==> flow/design.v <==
module mul_core_rtl #(
   parameter WIDTH = 28
) (
   input  wire clk,
   input  wire rst_i,
   input  wire [WIDTH-1:0] A,
   output reg [2*WIDTH-1:0] p
);
   reg [WIDTH-1:0] A_q;
   always @(posedge clk) begin
      if (rst_i) begin
         A_q <= 0;
         p <= 0;
      end else begin
         A_q <= A;
         p <= A_q * A_q;
      end
   end
endmodule
## Tool chain data of mul_core_rtl

Tool output for the design above, in the order of the flow.
Lines are those of the file above, counted from 1.
Library cell names are shortened.
A cell with n/a has no value.

| inputs | value |
|---|---|
| design top | mul_core_rtl |
| clock | clk |
| cell library | sky130hd |
| corner | tt_025C_1v80 |

## Word level

Source: Yosys, flattened and elaborated, memories not mapped. Widths are those after wreduce; folded enables and synchronous resets count as part of the registers. Registers that Yosys merges into a memory's read port (data or address) are not register bits. Print and check cells do not count. Equal cells are merged and count once.

| bit counts | value |
|---|---|
| register bits | 84 |

| operators by class | value |
|---|---|
| multipliers | 1 |

Operators by type and width:

| operator | count |
|---|---|
| 28-bit by 28-bit multiplier with 56-bit output | 1 |

## Logic depth

Yosys ltp: most cells in a row. Word level: on the elaborated netlist, between registers, memories and ports. Mapped: between sequential cells and ports; inverters and the memories' decode and read muxes count.

| logic depth | value |
|---|---|
| depth after elaboration | 1 |
| ABC_AREA | 0 |
| gate-level depth with buffers | 28 |
| mapped depth without buffers | 25 |

## Mapped cells and area

Source: synth_stat.txt of the flow (Yosys; design flattened, memories mapped). It holds for the ABC_AREA given above (unset counts as 0); a run with the other value may have another netlist.
The area totals of this step are shown rounded.

Cell types:

| type | count |
|---|---|
| fa_1 | 602 |
| inv_1 | 847 |
| ha_1 | 218 |
| dfxtp_1 | 83 |
| and2_1 | 155 |
| nand2_1 | 230 |
| nor2_1 | 105 |
| a21oi_1 | 73 |
| xnor2_1 | 37 |
| clkbuf_1 | 85 |
| nor2b_1 | 42 |
| a21o_1 | 31 |
| xor2_1 | 24 |
| o21ai_0 | 32 |
| nand4_1 | 17 |
| o21bai_1 | 9 |
| and3_1 | 8 |
| mux2_2 | 4 |

Other cell types: 44; their cells: 87.

| mapped netlist | value |
|---|---|
| standard cells after synthesis | 2,689 |
| chip area (Yosys) | 0.025 mm^2 |
| sequential part of the area | 0.0017 mm^2 |
| buffers | 93 |
| flip-flops | 83 |

## Timing after synthesis

OpenSTA on the mapped netlist: ideal clock, no wires. The path of least setup slack (recovery checks aside). Input and output delay are each 20% of the period. Register names are those of the netlist, which keeps one name where synthesis merged equal registers.

| timing path after synthesis | value |
|---|---|
| kind | register to register |
| from | register A_q[16] |
| to | register p[50] |
| driving pins on the path | 26 |
| path buffers | 2 |
| time at the first pin | 0 ps |
| arrival time | 6,728 ps |
| path slack | 1,712 ps |
| clock period | 8,560 ps |
| delay of the path | 6,849 ps |
| synthesis period reached | 6,848 ps |

"delay of the path" is the arrival time less input delay plus setup time.
"driving pins on the path": output pins that drive a net of the path, with the launching flip-flop's if there is one; two outputs of one cell count as two.
"synthesis period reached" is the clock period less the worst setup slack; recovery checks do not enter. This is arithmetic on one report: input and output delays are still those of the set period (20% each).
Between the ends stands the longest chain of elaborated cells between them, by number of cells; it is not shown to be the way that was timed. Of several equally long chains one is given.
Each line given opens the expression or statement behind the cell; cells for indexed reads and writes are added by Yosys, which also makes memories of some case tables.

| on the way, after synthesis | value |
|---|---|
| cells stage by stage | dfxtp_1 > clkbuf_1 > clkbuf_1 > nand2_1 > fa_1 > inv_1 > fa_1 > fa_1 > inv_1 > fa_1 > inv_1 > fa_1 > fa_1 > inv_1 > fa_1 > inv_1 > ha_1 > a21oi_1 > o211ai_1 > a31oi_1 > a31oi_4 > a21oi_2 > o21a_1 > o311ai_4 > a21oi_1 > mux2_2 |
| length of the longest elaborated chain | 1 |
| elaborated cells on any way between the ends | 1 |
| source lines of those cells | 1 |

RTL lines, path after synthesis:

| item | line | RTL |
|---|---|---|
| start: declaration | 9 | `reg [WIDTH-1:0] A_q;` |
| start: assignment | 12 | `A_q <= 0;` |
| start: assignment | 15 | `A_q <= A;` |
| 28-bit by 28-bit multiplier with 56-bit output | 16 | `p <= A_q * A_q;` |
| end: assignment | 13 | `p <= 0;` |
| end: assignment | 16 |  |
| end: declaration | 7 | `output reg [2*WIDTH-1:0] p` |

## Worst path after layout

Path of least setup slack in the final report of record 1 (OpenROAD, finished layout, wires in). Where an end is a register, its clock arrival counts in the times.
The path's times are printed in steps of 10 ps; the period is the one set.

| timing path post-layout | value |
|---|---|
| kind | register to register |
| from | register A_q[15] |
| to | register p[50] |
| path buffers | 0 |
| driving pins on the path | 24 |
| clock period | 8,560 ps |
| arrival time | 8,040 ps |
| time at the first pin | 400 ps |
| path slack | 780 ps |

Between the ends stands the longest chain of elaborated cells between them, by number of cells; it is not shown to be the way that was timed. Of several equally long chains one is given.

| on the way, post-layout | value |
|---|---|
| cells stage by stage | dfxtp_1 > nand2_1 > fa_1 > inv_1 > fa_1 > inv_1 > fa_1 > fa_1 > inv_1 > fa_1 > fa_1 > inv_1 > fa_1 > inv_1 > ha_1 > a21oi_1 > o211ai_1 > a31oi_1 > a31oi_4 > a21oi_2 > o21a_1 > o311ai_4 > a21oi_1 > mux2_2 |
| length of the longest elaborated chain | 1 |
| elaborated cells on any way between the ends | 1 |
| source lines of those cells | 1 |

RTL lines, path post-layout:

| item | line | RTL |
|---|---|---|
| start: declaration | 9 | `reg [WIDTH-1:0] A_q;` |
| start: assignment | 12 | `A_q <= 0;` |
| start: assignment | 15 | `A_q <= A;` |
| 28-bit by 28-bit multiplier with 56-bit output | 16 | `p <= A_q * A_q;` |
| end: assignment | 13 | `p <= 0;` |
| end: assignment | 16 |  |
| end: declaration | 7 | `output reg [2*WIDTH-1:0] p` |

Measured results for mul_core_rtl: 3 stored runs of the Yosys and OpenROAD flow on sky130hd. The settings differ; the order carries no meaning. The constraints put input and output delay at 20% of the set period each and load the outputs with 0.01 pF.
"period achieved" is the run's clock period less its worst setup slack. It is reckoned from that one timing run; input and output delays stay at 20% of the period that was set.
"time of the worst setup path" means the part of the period allowed to the worst setup path (the constraints hold back 20% at inputs and 20% at outputs) less its slack; where the path has registers, the arrival times of their clocks count too.
"power consumption": no workload was simulated; the value follows from the tool's default switching activity.
"time of the worst setup path" is known to 10 ps.
The results are shown rounded.

#### Record 1

| setting | value |
|---|---|
| period_ns | `8.56` |
| CAP_MARGIN | `20` |
| CORE_MARGIN | `2` |
| CORE_UTILIZATION | `40` |
| SLEW_MARGIN | `20` |

| result | value |
|---|---|
| chip area in the Yosys report | 0.025 mm^2 |
| overall die area | 0.064 mm^2 |
| standard-cell area after routing | 0.027 mm^2 |
| post-layout utilization | 0.43 |
| worst slack on setup checks | 780 ps |
| setup total negative slack | 0 ps |
| worst hold slack in the final report | 790 ps |
| power consumption | 5,500 µW |
| period achieved | 7,778 ps |
| time of the worst setup path | 7,780 ps |
| critical path kind | register to register |

#### Record 2

| setting | value |
|---|---|
| period_ns | `4.22` |
| CORE_UTILIZATION | `47` |
| PLACE_DENSITY_LB_ADDON | `0.3` |
| CORE_ASPECT_RATIO | `1.18` |
| CORE_MARGIN | `5` |
| CELL_PAD_IN_SITES_DETAIL_PLACEMENT | `0` |
| CTS_CLUSTER_DIAMETER | `213` |
| SLEW_MARGIN | `30` |
| CAP_MARGIN | `20` |

| result | value |
|---|---|
| chip area in the Yosys report | 0.025 mm^2 |
| overall die area | 0.057 mm^2 |
| standard-cell area after routing | 0.034 mm^2 |
| post-layout utilization | 0.64 |
| worst slack on setup checks | -2,600 ps |
| setup total negative slack | -100,000 ps |
| worst hold slack in the final report | 950 ps |
| power consumption | 19,000 µW |
| period achieved | 6,829 ps |
| time of the worst setup path | 6,830 ps |
| critical path kind | register to register |

#### Record 3

| setting | value |
|---|---|
| period_ns | `9.67` |
| CORE_UTILIZATION | `52` |
| SETUP_SLACK_MARGIN | `1.15` |
| PLACE_DENSITY | `0.66` |
| CORE_ASPECT_RATIO | `0.65` |
| ABC_AREA | `1` |
| MAX_ROUTING_LAYER | `met5` |
| CAP_MARGIN | `20` |
| CORE_MARGIN | `2` |
| SLEW_MARGIN | `20` |

| result | value |
|---|---|
| chip area in the Yosys report | 0.026 mm^2 |
| overall die area | 0.053 mm^2 |
| standard-cell area after routing | 0.028 mm^2 |
| post-layout utilization | 0.56 |
| worst slack on setup checks | 2,500 ps |
| setup total negative slack | 0 ps |
| worst hold slack in the final report | 860 ps |
| power consumption | 5,100 µW |
| period achieved | 7,177 ps |
| time of the worst setup path | 7,180 ps |
| critical path kind | register to register |
